==> flow/design.v <==
module my_mplex_stage (clk_i, RSTN, enable, din, addr, y);
   parameter WIDTH = 4;
   parameter LANES = 4;
   localparam SEL_W = $clog2(LANES);
   input clk_i;
   input RSTN;
   input enable;
   input [LANES*WIDTH-1:0] din;
   input [SEL_W-1:0] addr;
   output [WIDTH-1:0] y;
   reg [LANES*WIDTH-1:0] din_d1;
   reg [SEL_W-1:0] addr_d1;
   wire [WIDTH-1:0] words [0:LANES-1];
   genvar g;
   generate
      for (g = 0; g < LANES; g = g + 1) begin : lane
         assign words[g] = din_d1[g*WIDTH +: WIDTH];
      end
   endgenerate
   assign y = words[addr_d1];
   always @(posedge clk_i or negedge RSTN) begin
      if (~RSTN) begin
         din_d1 <= 0;
         addr_d1 <= 0;
      end else if (enable) begin
         din_d1 <= din;
         addr_d1 <= addr;
      end
   end
endmodule
-- From RTL to reports: my_mplex_stage
Tool output for the design above, in the order of the flow.
Line numbers count from 1 in the design file above.
Cell names lack the library's common part.
A cell with - has no value.
- top: my_mplex_stage
- clock: clk_i
- library: sky130hd
- corner: tt_025C_1v80

-- Word level
Yosys after proc, flatten, opt, wreduce and memory -nomap, before mapping. Enables and synchronous resets that opt folds into registers are not counted as muxes. Print and check cells are not counted. Equal cells are merged and count once.
- register bits at 18
- noted input bits: 21
- noted output and inout bits: 4
- word-level cells: 7
- equality and inequality tests: 3
- muxes and demuxes: 1
- reduce/logical cells: 1
- operators with widths (cell ; number):
    case mux 4 bit (select 4 bit) ; 1
    == test 2 bit (second input constant) ; 2
    == test 2 x 1 -> 1 bit (second input constant) ; 1
    zero test 2 bit ; 1

-- Logic depth
Yosys ltp: most cells in a row. Word level: on the elaborated netlist, between registers, memories and ports. Mapped: between sequential cells and ports; inverters and the memories' decode and read muxes count.
- word-level depth at 2
- ABC_AREA at 0
- gate-level depth with buffers: 3
- mapped depth without buffers at 1

-- Synthesis result
Source: synth_stat.txt of the flow (Yosys; design flattened, memories mapped). It holds for the ABC_AREA given above (unset counts as 0); a run with the other value may have another netlist.
Totals and module areas in this step are rounded.
- cell types (cell ; number ; total area (um2)):
    dfrtp_1 ; 18 ; 450.432
    mux2_2 ; 18 ; 202.694
    mux4_1 ; 4 ; 105.101
    buf_6 ; 2 ; 22.522
- mapped cells: 42
- noted synthesis area: 0.0007807 mm2
- noted sequential area: 0.0004504 mm2
- noted flip-flop cells: 18
- noted buffers: 2

-- Timing after synthesis
Source: OpenSTA report_checks on the synthesized netlist (no wires, ideal clock, input and output delay 20% of the period each), path of least setup slack; recovery checks are left aside. Register names are those of the netlist, which keeps one name where synthesis merged equal registers.
- kind: flip-flop to output port
- start: reg addr_d1[0]
- end: out y[0]
- period at 1.6 ns
- output delay: 0.320 ns
- noted launch time at the first pin: 0.000 ns
- arrival: 1.026 ns
- data required time at 1.280 ns
- slack: 0.254 ns
- delay of the path at 1.026 ns
- stages at 2
- path buffers at 0
- synthesis period reached: 1.346 ns
"delay of the path" is the arrival time less input delay plus setup time.
At an output port there is no setup time.
"stages": output pins that drive a net of the path, with the launching flip-flop's if there is one; two outputs of one cell count as two.
"synthesis period reached" is the clock period less the worst setup slack; recovery checks do not enter. This is arithmetic on one report: input and output delays are still those of the set period (20% each).
Between the ends stands the longest chain of elaborated cells between them, by number of cells; it is not shown to be the way that was timed. Of several equally long chains one is given.
Each line given opens the expression or statement behind the cell; cells for indexed reads and writes are added by Yosys, which also makes memories of some case tables.
- path through: dfrtp_1 > mux4_1
- noted cells in the longest elaborated chain: 2
- elaborated cells between the ends (all ways) at 5
- noted source lines of those cells: 1
- classes of those cells: 3 x eq/ne; 1 x mux; 1 x reduce/logical
- RTL lines, path post-synthesis (item ; line ; source):
    start, declared ; 12 ; reg [SEL_W-1:0] addr_d1;
    start, assigned ; 24 ; addr_d1 <= 0;
    start, assigned ; 27 ; addr_d1 <= addr;
    == test 2 bit ; 20 ; assign y = words[addr_d1];
    case mux 4 bit (select 4 bit) ; 20 ;
    end, declared ; 10 ; output [WIDTH-1:0] y;

-- Timing after layout
Path of least setup slack in the final report of run A (OpenROAD, finished layout, wires in). Where an end is a register, its clock arrival counts in the times.
- kind: flip-flop to output port
- start: reg addr_d1[0]
- end: out y[0]
- period at 2.15 ns
- output delay: 0.43 ns
- noted launch time at the first pin: 0.28 ns
- arrival: 1.66 ns
- data required time at 1.72 ns
- slack: 0.06 ns
- stages at 4
- path buffers at 2
Between the ends stands the longest chain of elaborated cells between them, by number of cells; it is not shown to be the way that was timed. Of several equally long chains one is given.
- path through: dfrtp_2 > buf_4 > mux4_1 > dlygate4sd2_1
- noted cells in the longest elaborated chain: 2
- elaborated cells between the ends (all ways) at 5
- noted source lines of those cells: 1
- classes of those cells: 3 x eq/ne; 1 x mux; 1 x reduce/logical
- RTL lines, path after layout (item ; line ; source):
    start, declared ; 12 ; reg [SEL_W-1:0] addr_d1;
    start, assigned ; 24 ; addr_d1 <= 0;
    start, assigned ; 27 ; addr_d1 <= addr;
    == test 2 bit ; 20 ; assign y = words[addr_d1];
    case mux 4 bit (select 4 bit) ; 20 ;
    end, declared ; 10 ; output [WIDTH-1:0] y;

## Implementation results

Settings and measured results of 3 stored flow runs for module my_mplex_stage (sky130hd), not sorted in any way. The constraints put input and output delay at 20% of the set period each and load the outputs with 0.01 pF.
"reached clock period": clock period set for the run, less the worst setup slack. It is reckoned from that one timing run; input and output delays stay at 20% of the period that was set.
By "time used up by the worst setup path" is meant the share of the clock period that the worst setup path is allowed (20% is reserved at inputs, 20% at outputs), minus its slack. Clock arrival times at its registers enter into it.
"total power after layout": no workload was simulated; the value follows from the tool's default switching activity.
The measured numbers are rounded.

Run A

==> flow/run.sh <==
#!/bin/bash
# the make line also repeats the synthesis and layout settings of config.mk as NAME=value (left out here)
make -C /OpenROAD-flow-scripts/flow DESIGN_CONFIG=/design/flow/config.mk WORK_HOME=/design/flow/orfs CLKGATE_MAP_FILE= finish
==> flow/config.mk <==
export PLATFORM = sky130hd
export DESIGN_NAME = my_mplex_stage
export DESIGN_NICKNAME = my_mplex_stage
export VERILOG_FILES = /design/flow/design.v
export SDC_FILE = /design/flow/constraint.sdc
export NUM_CORES = 4
export LEC_CHECK = 0
export CAP_MARGIN = 20
export CELL_PAD_IN_SITES_GLOBAL_PLACEMENT = 1
export CORE_MARGIN = 7
export CORE_UTILIZATION = 39
export CTS_CLUSTER_SIZE = 71
export GPL_TIMING_DRIVEN = 1
export PLACE_DENSITY_LB_ADDON = 0.21
export SLEW_MARGIN = 20
==> flow/constraint.sdc <==
create_clock -name core_clock -period 2.15 [get_ports {clk_i}]
set_input_delay 0.4300 -clock core_clock [delete_from_list [all_inputs] [get_ports {clk_i}]]
set_output_delay 0.4300 -clock core_clock [all_outputs]
set_load 0.01 [all_outputs]

Measured in run A:
- cell area after synthesis at 0.0007807 mm2
- noted the area inside the die boundary: 0.00345 mm2
- standard-cell area after routing at 0.001096 mm2
- noted the utilization after routing: 57.0 %
- noted the lowest setup slack: 0.060 ns
- setup total negative slack at 0.000 ns
- noted the total power after layout: 0.7032 mW
- reached clock period: 2.090 ns
- time used up by the worst setup path: 1.66 ns
- worst setup path type: flip-flop to output port

Run B

==> flow/run.sh <==
#!/bin/bash
# the make line also repeats the synthesis and layout settings of config.mk as NAME=value (left out here)
make -C /OpenROAD-flow-scripts/flow DESIGN_CONFIG=/design/flow/config.mk WORK_HOME=/design/flow/orfs CLKGATE_MAP_FILE= finish
==> flow/config.mk <==
export PLATFORM = sky130hd
export DESIGN_NAME = my_mplex_stage
export DESIGN_NICKNAME = my_mplex_stage
export VERILOG_FILES = /design/flow/design.v
export SDC_FILE = /design/flow/constraint.sdc
export NUM_CORES = 4
export LEC_CHECK = 0
export CAP_MARGIN = 20
export CELL_PAD_IN_SITES_DETAIL_PLACEMENT = 0
export CELL_PAD_IN_SITES_GLOBAL_PLACEMENT = 3
export CORE_MARGIN = 4
export CORE_UTILIZATION = 55
export SETUP_SLACK_MARGIN = -0.07
export SLEW_MARGIN = 25
export TNS_END_PERCENT = 90
==> flow/constraint.sdc <==
create_clock -name core_clock -period 1.2 [get_ports {clk_i}]
set_input_delay 0.2400 -clock core_clock [delete_from_list [all_inputs] [get_ports {clk_i}]]
set_output_delay 0.2400 -clock core_clock [all_outputs]
set_load 0.01 [all_outputs]

Run B: no results, placement failed with GPL-0301.

Run C

==> flow/run.sh <==
#!/bin/bash
# the make line also repeats the synthesis and layout settings of config.mk as NAME=value (left out here)
make -C /OpenROAD-flow-scripts/flow DESIGN_CONFIG=/design/flow/config.mk WORK_HOME=/design/flow/orfs CLKGATE_MAP_FILE= finish
==> flow/config.mk <==
export PLATFORM = sky130hd
export DESIGN_NAME = my_mplex_stage
export DESIGN_NICKNAME = my_mplex_stage
export VERILOG_FILES = /design/flow/design.v
export SDC_FILE = /design/flow/constraint.sdc
export NUM_CORES = 4
export LEC_CHECK = 0
export CAP_MARGIN = 20
export CORE_MARGIN = 2
export CORE_UTILIZATION = 40
export SLEW_MARGIN = 20
==> flow/constraint.sdc <==
create_clock -name core_clock -period 1.6 [get_ports {clk_i}]
set_input_delay 0.3200 -clock core_clock [delete_from_list [all_inputs] [get_ports {clk_i}]]
set_output_delay 0.3200 -clock core_clock [all_outputs]
set_load 0.01 [all_outputs]

Measured in run C:
- cell area after synthesis at 0.0007807 mm2
- noted the area inside the die boundary: 0.002321 mm2
- standard-cell area after routing at 0.001104 mm2
- noted the utilization after routing: 61.9 %
- noted the lowest setup slack: -0.186 ns
- setup total negative slack at -0.697 ns
- noted the total power after layout: 0.9707 mW
- reached clock period: 1.786 ns
- time used up by the worst setup path: 1.47 ns
- worst setup path type: flip-flop to output port
